==> flow/design.v <==
module rf_blk #(
    parameter NREGS = 12,
    parameter XLEN = 64,
    parameter ADDR_WIDTH = $clog2(NREGS)
) (
    input wire aclk,
    input wire nrst,
    input wire valid,
    input wire load_in,
    input wire [ADDR_WIDTH-1:0] write_addr_in,
    input wire [XLEN-1:0] wdata_in,
    input wire [ADDR_WIDTH-1:0] raddr0_in,
    input wire [ADDR_WIDTH-1:0] raddr1_in,
    output wire [XLEN-1:0] rdata0_out,
    output wire [XLEN-1:0] rdata1_out
);
    reg load_s;
    reg [ADDR_WIDTH-1:0] write_addr_s;
    reg [XLEN-1:0] wdata_s;
    always @(posedge aclk) begin
        if (~nrst) begin
            load_s <= 1'b0;
            write_addr_s <= 0;
            wdata_s <= 0;
        end else if (valid) begin
            load_s <= load_in;
            write_addr_s <= write_addr_in;
            wdata_s <= wdata_in;
        end
    end
    reg [XLEN-1:0] gpr [NREGS-1:0];
    integer k;
    always @(posedge aclk) begin
        if (~nrst) begin
            for (k = 0; k < NREGS; k = k + 1)
                gpr[k] <= 0;
        end else if (valid && load_s) begin
            gpr[write_addr_s] <= wdata_s;
        end
    end
    reg [ADDR_WIDTH-1:0] raddr0_s;
    reg [ADDR_WIDTH-1:0] raddr1_s;
    always @(posedge aclk) begin
        if (~nrst) begin
            raddr0_s <= 0;
            raddr1_s <= 0;
        end else if (valid) begin
            raddr0_s <= raddr0_in;
            raddr1_s <= raddr1_in;
        end
    end
    assign rdata0_out = gpr[raddr0_s];
    assign rdata1_out = gpr[raddr1_s];
endmodule
From RTL to reports: rf_blk
The steps from the RTL of rf_blk to its reports follow in flow order. Lines are those of the file above, counted from 1. Operators carry their Yosys type and port widths (W data, S select, Z words). The mark - stands for no value.

Design top: rf_blk. Clock port: aclk. Standard-cell library: sky130hd. Library corner: tt_025C_1v80.

Word-level counts
Source: Yosys, flattened and elaborated, memories not mapped. Widths are those after wreduce. Print and check cells do not count. Equal cells are merged and count once. Yosys's memory passes give these memory sizes; they may raise the number of words (mostly to a power of two), join words into wider ones and drop unused or constant bits.

For RAM bits the number is 1024. For input bits the number is 80. Under word-level cells stands 18. The figure for output and inout bits is 128. The entry for bits in registers reads 77. Under memories stands 1.

The figure for muxes and demuxes is 11. For reduce/logical cells the number is 1.

Memories: gpr (words 16, width 64, RTL line 31) `reg [XLEN-1:0] gpr [NREGS-1:0];`.

Operators with widths (count): $mux W64 (2); $mux W4 (6); $mux W1 (3); $logic_and A1 B1 Y1 (1).

Longest topological paths
Yosys ltp: most cells in a row. Word level: on the elaborated netlist, between registers, memories and ports. Mapped: between sequential cells and ports; inverters and the memories' decode and read muxes count.

The figure for depth after elaboration is 3. ABC_AREA: 0. Depth in mapped cells: 6. The entry for depth with buffers taken out reads 3.

Netlist
Yosys stat after the flow's synthesis: flattened, memories mapped to cells. It holds for the ABC_AREA given above (unset counts as 0); a run with the other value may have another netlist. Totals and module areas in this step are rounded.

The figure for standard cells after synthesis is 3448. The entry for chip area (Yosys) reads 53000 µm². Mapped flip-flops: 1109. The figure for area of sequential cells is 32000 µm².

Cells by type: sky130_fd_sc_hd__edfxtp_1 (count 1024, total area 3.07E+04 µm²); sky130_fd_sc_hd__mux4_2 (count 512, total area 1.15E+04 µm²); sky130_fd_sc_hd__nor2_1 (count 775, total area 2909.04 µm²); sky130_fd_sc_hd__a22oi_1 (count 256, total area 1.92E+03 µm²); sky130_fd_sc_hd__dfxtp_1 (count 85, total area 1.7E+03 µm²); sky130_fd_sc_hd__nand2_1 (count 323, total area 1.21E+03 µm²); sky130_fd_sc_hd__mux2i_1 (count 77, total area 770.739 µm²); sky130_fd_sc_hd__nor2b_1 (count 84, total area 525.504 µm²); sky130_fd_sc_hd__clkbuf_1 (count 125, total area 469.2 µm²); sky130_fd_sc_hd__buf_2 (count 86, total area 430.413 µm²); sky130_fd_sc_hd__buf_4 (count 36, total area 270.259 µm²); sky130_fd_sc_hd__buf_1 (count 36, total area 135.13 µm²); sky130_fd_sc_hd__buf_6 (count 8, total area 90.086 µm²); sky130_fd_sc_hd__o21ai_0 (count 12, total area 60.058 µm²); sky130_fd_sc_hd__and2_1 (count 2, total area 12.512 µm²); sky130_fd_sc_hd__nand2b_1 (count 2, total area 12.512 µm²); sky130_fd_sc_hd__nand3_1 (count 2, total area 10.01 µm²); sky130_fd_sc_hd__and3b_1 (count 1, total area 8.758 µm²).

Other cell types: 2; their cells: 2.

Path before layout
Source: OpenSTA report_checks on the synthesized netlist (no wires, ideal clock, input and output delay 20% of the period each), path of least setup slack; recovery checks are left aside. Register names are those of the netlist, which keeps one name where synthesis merged equal registers.

Kind: in2reg. From: in nrst. To: mem gpr[5][0]. The entry for stages on the path reads 5. Under path buffers stands 2. Under period stands 9250 ps. Setup slack: 1483 ps. The figure for arrival is 7193 ps. Path delay: 5917 ps. The entry for input delay reads 1850 ps. The entry for synthesis period reached reads 7767 ps.

"path delay" = arrival - input delay + setup time. "stages on the path": output pins that drive a net of the path, with the launching flip-flop's if there is one; two outputs of one cell count as two. "synthesis period reached" is the clock period less the worst setup slack; recovery checks do not enter. This is arithmetic on one report: input and output delays are still those of the set period (20% each). Between the ends stands the longest chain of elaborated cells between them, by number of cells; it is not shown to be the way that was timed. Of several equally long chains one is given. Each line given opens the expression or statement behind the cell; cells for indexed reads and writes are added by Yosys, which also makes memories of some case tables. Only ways into the end's enable, where the timed path ends, are counted here.

Cells stage by stage: sky130_fd_sc_hd__clkbuf_1 sky130_fd_sc_hd__and3b_1 sky130_fd_sc_hd__nand3_1 sky130_fd_sc_hd__clkbuf_1 sky130_fd_sc_hd__o21ai_0. Under length of the longest elaborated chain stands 1. For elaborated cells on any way between the ends the number is 3. RTL lines with such cells: 1. Classes of those cells: mux: 3.

Ends and longest elaborated chain, after synthesis: from (decl) (RTL line 7) `input wire nrst,`; $mux W4 (RTL line 34) `if (~nrst) begin`; to (decl) (RTL line 31) `reg [XLEN-1:0] gpr [NREGS-1:0];`.

Path in the finished layout
From the final timing report of flow run 1: the path of least setup slack in the routed layout; clock arrival at registers is part of the times. The path's times are printed in steps of 10 ps; the period is the one set.

Kind: reg2out. From: reg (no name shown). To: out rdata0_out[34]. The entry for stages on the path reads 6. Under period stands 6850 ps. The figure for external output delay is 1370 ps. Setup slack: 1610 ps. The figure for arrival is 3870 ps. Under path buffers stands 2.

Cells stage by stage: sky130_fd_sc_hd__dfxtp_4 sky130_fd_sc_hd__buf_12 sky130_fd_sc_hd__mux4_2 sky130_fd_sc_hd__a22oi_1 sky130_fd_sc_hd__nand2_1 sky130_fd_sc_hd__clkdlybuf4s50_1.

Ends and longest elaborated chain, post-layout: to (decl) (RTL line 14) `output wire [XLEN-1:0] rdata0_out,`.

Chain of elaborated cells between the ends: none given.

Subject: flow runs of rf_blk

Hi,

rf_blk through Yosys and OpenROAD on sky130hd: 3 stored runs, unordered, with their settings and measured results. The constraints put input and output delay at 20% of the set period each and load the outputs with 0.01 pF. By "achieved clock period" is meant the clock period of the run minus its worst setup slack. This is arithmetic on one report: input and output delays are still those of the set period (20% each). "critical setup path time" means the part of the period allowed to the worst setup path (the constraints hold back 20% at inputs and 20% at outputs) less its slack; where the path has registers, the arrival times of their clocks count too. By "power consumption" is meant OpenSTA's value without simulated activity: inputs other than the clock are taken to toggle once in ten clock periods, and the tool carries that through the logic. "critical setup path time" is known to 10 ps. The measured numbers are rounded.

Files of flow run 1:
==> flow/run.sh <==
#!/bin/bash
# the make line also repeats the synthesis and layout settings of config.mk as NAME=value (left out here)
make -C /OpenROAD-flow-scripts/flow DESIGN_CONFIG=/design/flow/config.mk WORK_HOME=/design/flow/orfs CLKGATE_MAP_FILE= finish
==> flow/config.mk <==
export PLATFORM = sky130hd
export DESIGN_NAME = rf_blk
export DESIGN_NICKNAME = rf_blk
export VERILOG_FILES = /design/flow/design.v
export SDC_FILE = /design/flow/constraint.sdc
export NUM_CORES = 4
export LEC_CHECK = 0
export ABC_AREA = 0
export CAP_MARGIN = 20
export CELL_PAD_IN_SITES_DETAIL_PLACEMENT = 1
export CELL_PAD_IN_SITES_GLOBAL_PLACEMENT = 3
export CORE_MARGIN = 2
export CORE_UTILIZATION = 35
export CTS_CLUSTER_SIZE = 89
export MAX_ROUTING_LAYER = met5
export PLACE_DENSITY = 0.77
export SLEW_MARGIN = 15
==> flow/constraint.sdc <==
create_clock -name core_clock -period 6.85 [get_ports {aclk}]
set_input_delay 1.3700 -clock core_clock [delete_from_list [all_inputs] [get_ports {aclk}]]
set_output_delay 1.3700 -clock core_clock [all_outputs]
set_load 0.01 [all_outputs]

Results of flow run 1. The measured smallest setup slack is 1600 ps. The area of the die stands at 150000 µm². For the total negative slack the run shows 0 ps. The measured post-synthesis cell area is 53000 µm². The measured achieved clock period is 5244 ps. The standard-cell area of the final layout comes to 62000 µm². The utilization after layout reads 0.41. The critical setup path time reads 3870 ps. Worst path kind: reg2out. The worst hold slack in the final report comes to 520 ps. The power consumption is 16 mW.

Files of flow run 2:
==> flow/run.sh <==
#!/bin/bash
# the make line also repeats the synthesis and layout settings of config.mk as NAME=value (left out here)
make -C /OpenROAD-flow-scripts/flow DESIGN_CONFIG=/design/flow/config.mk WORK_HOME=/design/flow/orfs CLKGATE_MAP_FILE= finish
==> flow/config.mk <==
export PLATFORM = sky130hd
export DESIGN_NAME = rf_blk
export DESIGN_NICKNAME = rf_blk
export VERILOG_FILES = /design/flow/design.v
export SDC_FILE = /design/flow/constraint.sdc
export NUM_CORES = 4
export LEC_CHECK = 0
export CAP_MARGIN = 20
export CORE_MARGIN = 2
export CORE_UTILIZATION = 40
export SLEW_MARGIN = 20
==> flow/constraint.sdc <==
create_clock -name core_clock -period 9.25 [get_ports {aclk}]
set_input_delay 1.8500 -clock core_clock [delete_from_list [all_inputs] [get_ports {aclk}]]
set_output_delay 1.8500 -clock core_clock [all_outputs]
set_load 0.01 [all_outputs]

Results of flow run 2. The measured post-synthesis cell area is 53000 µm². For the total negative slack the run shows 0 ps. The worst hold slack in the final report comes to 520 ps. The measured achieved clock period is 6044 ps. The standard-cell area of the final layout comes to 61000 µm². The area of the die stands at 140000 µm². The critical setup path time reads 4190 ps. Worst path kind: reg2out. The measured smallest setup slack is 3200 ps. The power consumption is 12 mW. The utilization after layout reads 0.46.

Files of flow run 3:
==> flow/run.sh <==
#!/bin/bash
# the make line also repeats the synthesis and layout settings of config.mk as NAME=value (left out here)
make -C /OpenROAD-flow-scripts/flow DESIGN_CONFIG=/design/flow/config.mk WORK_HOME=/design/flow/orfs CLKGATE_MAP_FILE= finish
==> flow/config.mk <==
export PLATFORM = sky130hd
export DESIGN_NAME = rf_blk
export DESIGN_NICKNAME = rf_blk
export VERILOG_FILES = /design/flow/design.v
export SDC_FILE = /design/flow/constraint.sdc
export NUM_CORES = 4
export LEC_CHECK = 0
export ABC_AREA = 1
export CAP_MARGIN = 20
export CORE_MARGIN = 2
export CORE_UTILIZATION = 15
export CTS_CLUSTER_DIAMETER = 345
export GPL_TIMING_DRIVEN = 1
export PLACE_DENSITY_LB_ADDON = 0.07
export SLEW_MARGIN = 20
export TNS_END_PERCENT = 45
==> flow/constraint.sdc <==
create_clock -name core_clock -period 8.46 [get_ports {aclk}]
set_input_delay 1.6920 -clock core_clock [delete_from_list [all_inputs] [get_ports {aclk}]]
set_output_delay 1.6920 -clock core_clock [all_outputs]
set_load 0.01 [all_outputs]

Results of flow run 3. The worst hold slack in the final report comes to 500 ps. The utilization after layout reads 0.18. The measured smallest setup slack is 2000 ps. The power consumption is 15 mW. The area of the die stands at 410000 µm². For the total negative slack the run shows 0 ps. The measured post-synthesis cell area is 61000 µm². The standard-cell area of the final layout comes to 73000 µm². The measured achieved clock period is 6413 ps. The critical setup path time reads 4720 ps. Worst path kind: reg2out.

Regards
